==> flow/design.v <==
module scratch_mod #(
   parameter int D = 48,
   parameter int DATA_W = 10,
   parameter int ABITS = $clog2(D)
) (
   input logic CLK,
   input logic RSTN,
   input logic wen_i,
   input logic [ABITS-1:0] wa_i,
   input logic [DATA_W-1:0] wdata_i,
   input logic [ABITS-1:0] ra0_i,
   input logic [ABITS-1:0] ra1_i,
   output logic [DATA_W-1:0] q0_o,
   output logic [DATA_W-1:0] q1_o
);
   logic r_wen;
   logic [ABITS-1:0] r_wa;
   logic [DATA_W-1:0] r_wdata;
   always_ff @(posedge CLK or negedge RSTN) begin
      if (!RSTN) begin
         r_wen <= 1'b0;
         r_wa <= '0;
         r_wdata <= '0;
      end else begin
         r_wen <= wen_i;
         r_wa <= wa_i;
         r_wdata <= wdata_i;
      end
   end
   logic [DATA_W-1:0] ram [D-1:0];
   always_ff @(posedge CLK or negedge RSTN) begin
      if (!RSTN) begin
         for (int t = 0; t < D; t++)
            ram[t] <= '0;
      end else if (r_wen) begin
         ram[r_wa] <= r_wdata;
      end
   end
   logic [ABITS-1:0] r_ra0;
   logic [ABITS-1:0] r_ra1;
   logic [DATA_W-1:0] r_q0;
   always_ff @(posedge CLK or negedge RSTN) begin
      if (!RSTN) begin
         r_ra0 <= '0;
         r_ra1 <= '0;
         r_q0 <= '0;
      end else begin
         r_ra0 <= ra0_i;
         r_ra1 <= ra1_i;
         r_q0 <= ram[r_ra0];
      end
   end
   assign q0_o = r_q0;
   logic [DATA_W-1:0] r_q1;
   always_ff @(posedge CLK or negedge RSTN) begin
      if (!RSTN) begin
         r_q1 <= '0;
      end else begin
         r_q1 <= ram[r_ra1];
      end
   end
   assign q1_o = r_q1;
endmodule
; From RTL to reports: scratch_mod
; Tool output for the design above, in the order of the flow.
; Line numbers count from 1 in the design file above.
; Library cell names are shortened.
; A cell with n/a has no value.
[setup]
design = scratch_mod
clock = CLK
library = sky130hd
pvt_corner = tt_025C_1v80

; Elaborated design
; Yosys after proc, flatten, opt, wreduce and memory -nomap, before mapping. Enables and synchronous resets that opt folds into registers are not counted as muxes. Print and check cells are not counted. Equal cells are merged and count once.
[word_totals]
register_bits = 529
[op_classes]
n_reduce_logical = 51
muxes = 2
eq_ne = 141
[ops]
columns = operator, count
row1 = case mux 10 bit (select 48 bit), 2
row2 = equality test 6 x 5 -> 1 bit with constant B, 48
row3 = equality test 6 bit with constant B, 48
row4 = equality test 6 x 4 -> 1 bit with constant B, 24
row5 = AND reduction 2 bit, 48
row6 = equality test 6 x 3 -> 1 bit with constant B, 12
row7 = equality test 6 x 2 -> 1 bit with constant B, 6
row8 = equality test 6 x 1 -> 1 bit with constant B, 3
row9 = logical NOT 6 bit, 3

; Logic depth
; Longest topological path by Yosys (ltp), each cell counted once; first at word level (registers and memories cut), then after technology mapping (sequential cells cut; the memories' decode and read muxes count).
[logic_depth]
depth_word = 2
abc_area = 0
depth_mapped = 10

; Netlist
; Source: synth_stat.txt of the flow (Yosys; design flattened, memories mapped). It holds for the ABC_AREA given above (unset counts as 0); a run with the other value may have another netlist.
; Totals and module areas in this step are rounded.
[types]
columns = cell_type, count, area_total_um2
row1 = dfrtp_1, 529, 1.32E+04
row2 = mux2_2, 499, 5.62E+03
row3 = a22oi_1, 295, 2.21E+03
row4 = mux2i_1, 58, 580.557
row5 = nor3_1, 107, 535.514
row6 = nand2_1, 122, 457.939
row7 = clkbuf_1, 115, 431.664
row8 = nor2_1, 98, 367.853
row9 = nand4_1, 51, 319.056
row10 = a22o_1, 27, 236.477
row11 = a32oi_1, 22, 192.685
row12 = nor4_1, 25, 156.4
row13 = a31oi_1, 23, 143.888
row14 = a21oi_1, 23, 115.11
row15 = nand3_1, 21, 105.101
row16 = o21ai_0, 21, 105.101
row17 = nand2b_1, 16, 100.096
row18 = a221oi_1, 11, 96.342
; Not listed: further types 48, cells in them 171.
[mapped]
sequential_area_mm2 = 0.0132
area_mm2 = 0.0263
cell_count = 2234
flip_flops = 529

; Path before layout
; Path of least setup slack by OpenSTA after synthesis, without wires, with an ideal clock, recovery checks aside; 20% of the period is set as input and as output delay. Where synthesis merged equal registers, the netlist keeps one of their names.
[synth_path]
path_kind = register to register
startpoint = register r_ra1[5]
endpoint = register r_q1[6]
stages = 9
setup_slack_ps = 606
path_delay_ps = 2444
clock_period_ps = 3050
required_time_ps = 2924
t_arrival_ps = 2318
path_buffers = 2
period_less_setup_slack_ps = 2444
; "path_delay_ps" is the arrival time less input delay plus setup time.
; "stages": output pins that drive a net of the path, with the launching flip-flop's if there is one; two outputs of one cell count as two.
; "period_less_setup_slack_ps" is the clock period less the worst setup slack; recovery checks do not enter. This is arithmetic on one report: input and output delays are still those of the set period (20% each).
; The rows between start and end are the longest chain of elaborated cells between them; the timing report does not say that the signal goes this way. Where chains are equally long, one stands for them.
; A line is the first line of the expression or statement that the cell stems from. Yosys adds cells for indexed reads and writes and turns some case tables into memories.
[synth_via]
path_cell_list = dfrtp_1 -> buf_6 -> or4b_1 -> buf_2 -> nor2_1 -> a22o_1 -> or4_1 -> or4_1 -> o32a_1
elab_chain_len = 2
cells_between = 49
classes_between = eq/ne: 47; mux: 1; reduce/logical: 1
[synth_lines]
columns = item, line
row1 = start: declaration, 40  ; logic [ABITS-1:0] r_ra1;
row2 = start: assignment, 45  ; r_ra1 <= '0;
row3 = start: assignment, 49  ; r_ra1 <= ra1_i;
row4 = equality test 6 bit, 59  ; r_q1 <= ram[r_ra1];
row5 = case mux 10 bit (select 48 bit), 59
row6 = end: assignment, 57  ; r_q1 <= '0;
row7 = end: assignment, 59
row8 = end: declaration, 54  ; logic [DATA_W-1:0] r_q1;

; Worst path after layout
; From the final timing report of record 2: the path of least setup slack in the routed layout; clock arrival at registers is part of the times.
; The path's times are printed in steps of 10 ps; the period is the one set.
[layout_path]
path_kind = register to register
startpoint = register r_ra0[0]
endpoint = register r_q0[5]
required_time_ps = 3520
stages = 8
path_buffers = 2
setup_slack_ps = -220
clock_period_ps = 3050
t_arrival_ps = 3750
; The rows between start and end are the longest chain of elaborated cells between them; the timing report does not say that the signal goes this way. Where chains are equally long, one stands for them.
[layout_via]
path_cell_list = dfrtp_1 -> buf_12 -> buf_4 -> and2_0 -> a21oi_1 -> o21ai_0 -> a2111oi_1 -> a31oi_1
elab_chain_len = 2
cells_between = 49
classes_between = eq/ne: 47; mux: 1; reduce/logical: 1
[layout_lines]
columns = item, line
row1 = start: declaration, 39  ; logic [ABITS-1:0] r_ra0;
row2 = start: assignment, 44  ; r_ra0 <= '0;
row3 = start: assignment, 48  ; r_ra0 <= ra0_i;
row4 = equality test 6 bit, 50  ; r_q0 <= ram[r_ra0];
row5 = case mux 10 bit (select 48 bit), 50
row6 = end: assignment, 46  ; r_q0 <= '0;
row7 = end: assignment, 50
row8 = end: declaration, 41  ; logic [DATA_W-1:0] r_q0;

; Record of 3 stored runs of the RTL-to-layout flow on scratch_mod, platform sky130hd. The runs are unordered. Constraints: input delay and output delay 20% of the set period each, output load 0.01 pF.
; "timing.achieved_period_ps" is the run's clock period less its worst setup slack. It is reckoned from that one timing run; input and output delays stay at 20% of the period that was set.
; By "worst_path_allowed_less_slack_ps" is meant the share of the clock period that the worst setup path is allowed (20% is reserved at inputs, 20% at outputs), minus its slack. Clock arrival times at its registers enter into it.
; "fin_power_w" rests on the timing tool's default activity at the inputs, not on a simulated workload.
; "worst_path_allowed_less_slack_ps" is known to 10 ps.
; Results are given in rounded form.

[record 1: settings]
period_ns = 4.31
CORE_UTILIZATION = 64
SETUP_SLACK_MARGIN = 1.18
PLACE_DENSITY_LB_ADDON = 0.14
CORE_MARGIN = 3
CELL_PAD_IN_SITES_GLOBAL_PLACEMENT = 3
CELL_PAD_IN_SITES_DETAIL_PLACEMENT = 0
ABC_AREA = 1
GPL_TIMING_DRIVEN = 0
CTS_CLUSTER_SIZE = 20
CAP_MARGIN = 30
SLEW_MARGIN = 40
MAX_ROUTING_LAYER = met4
[record 1: results]
outcome = did not finish, placement stopped with FLW-0024

[record 2: settings]
period_ns = 3.05
CAP_MARGIN = 20
CORE_MARGIN = 2
CORE_UTILIZATION = 40
SLEW_MARGIN = 20
[record 2: results]
fin_tns_ps = -224
total_die_area_mm2 = 0.0679
util_frac = 0.493
layout_stdcell_area_mm2 = 0.0323
timing.achieved_period_ps = 3274
synth_area_mm2 = 0.0263
worst_path_allowed_less_slack_ps = 3270
worstPathKind = register to register
fin_power_w = 0.0189
hold_ws_ps = 383
fin_ws_ps = -224

[record 3: settings]
period_ns = 1.57
CORE_UTILIZATION = 64
SETUP_SLACK_MARGIN = -0.14
PLACE_DENSITY_LB_ADDON = 0.04
CORE_MARGIN = 4
CELL_PAD_IN_SITES_DETAIL_PLACEMENT = 0
CTS_CLUSTER_SIZE = 30
CAP_MARGIN = 20
SLEW_MARGIN = 20
[record 3: results]
outcome = did not finish, routing stopped with GRT-0116
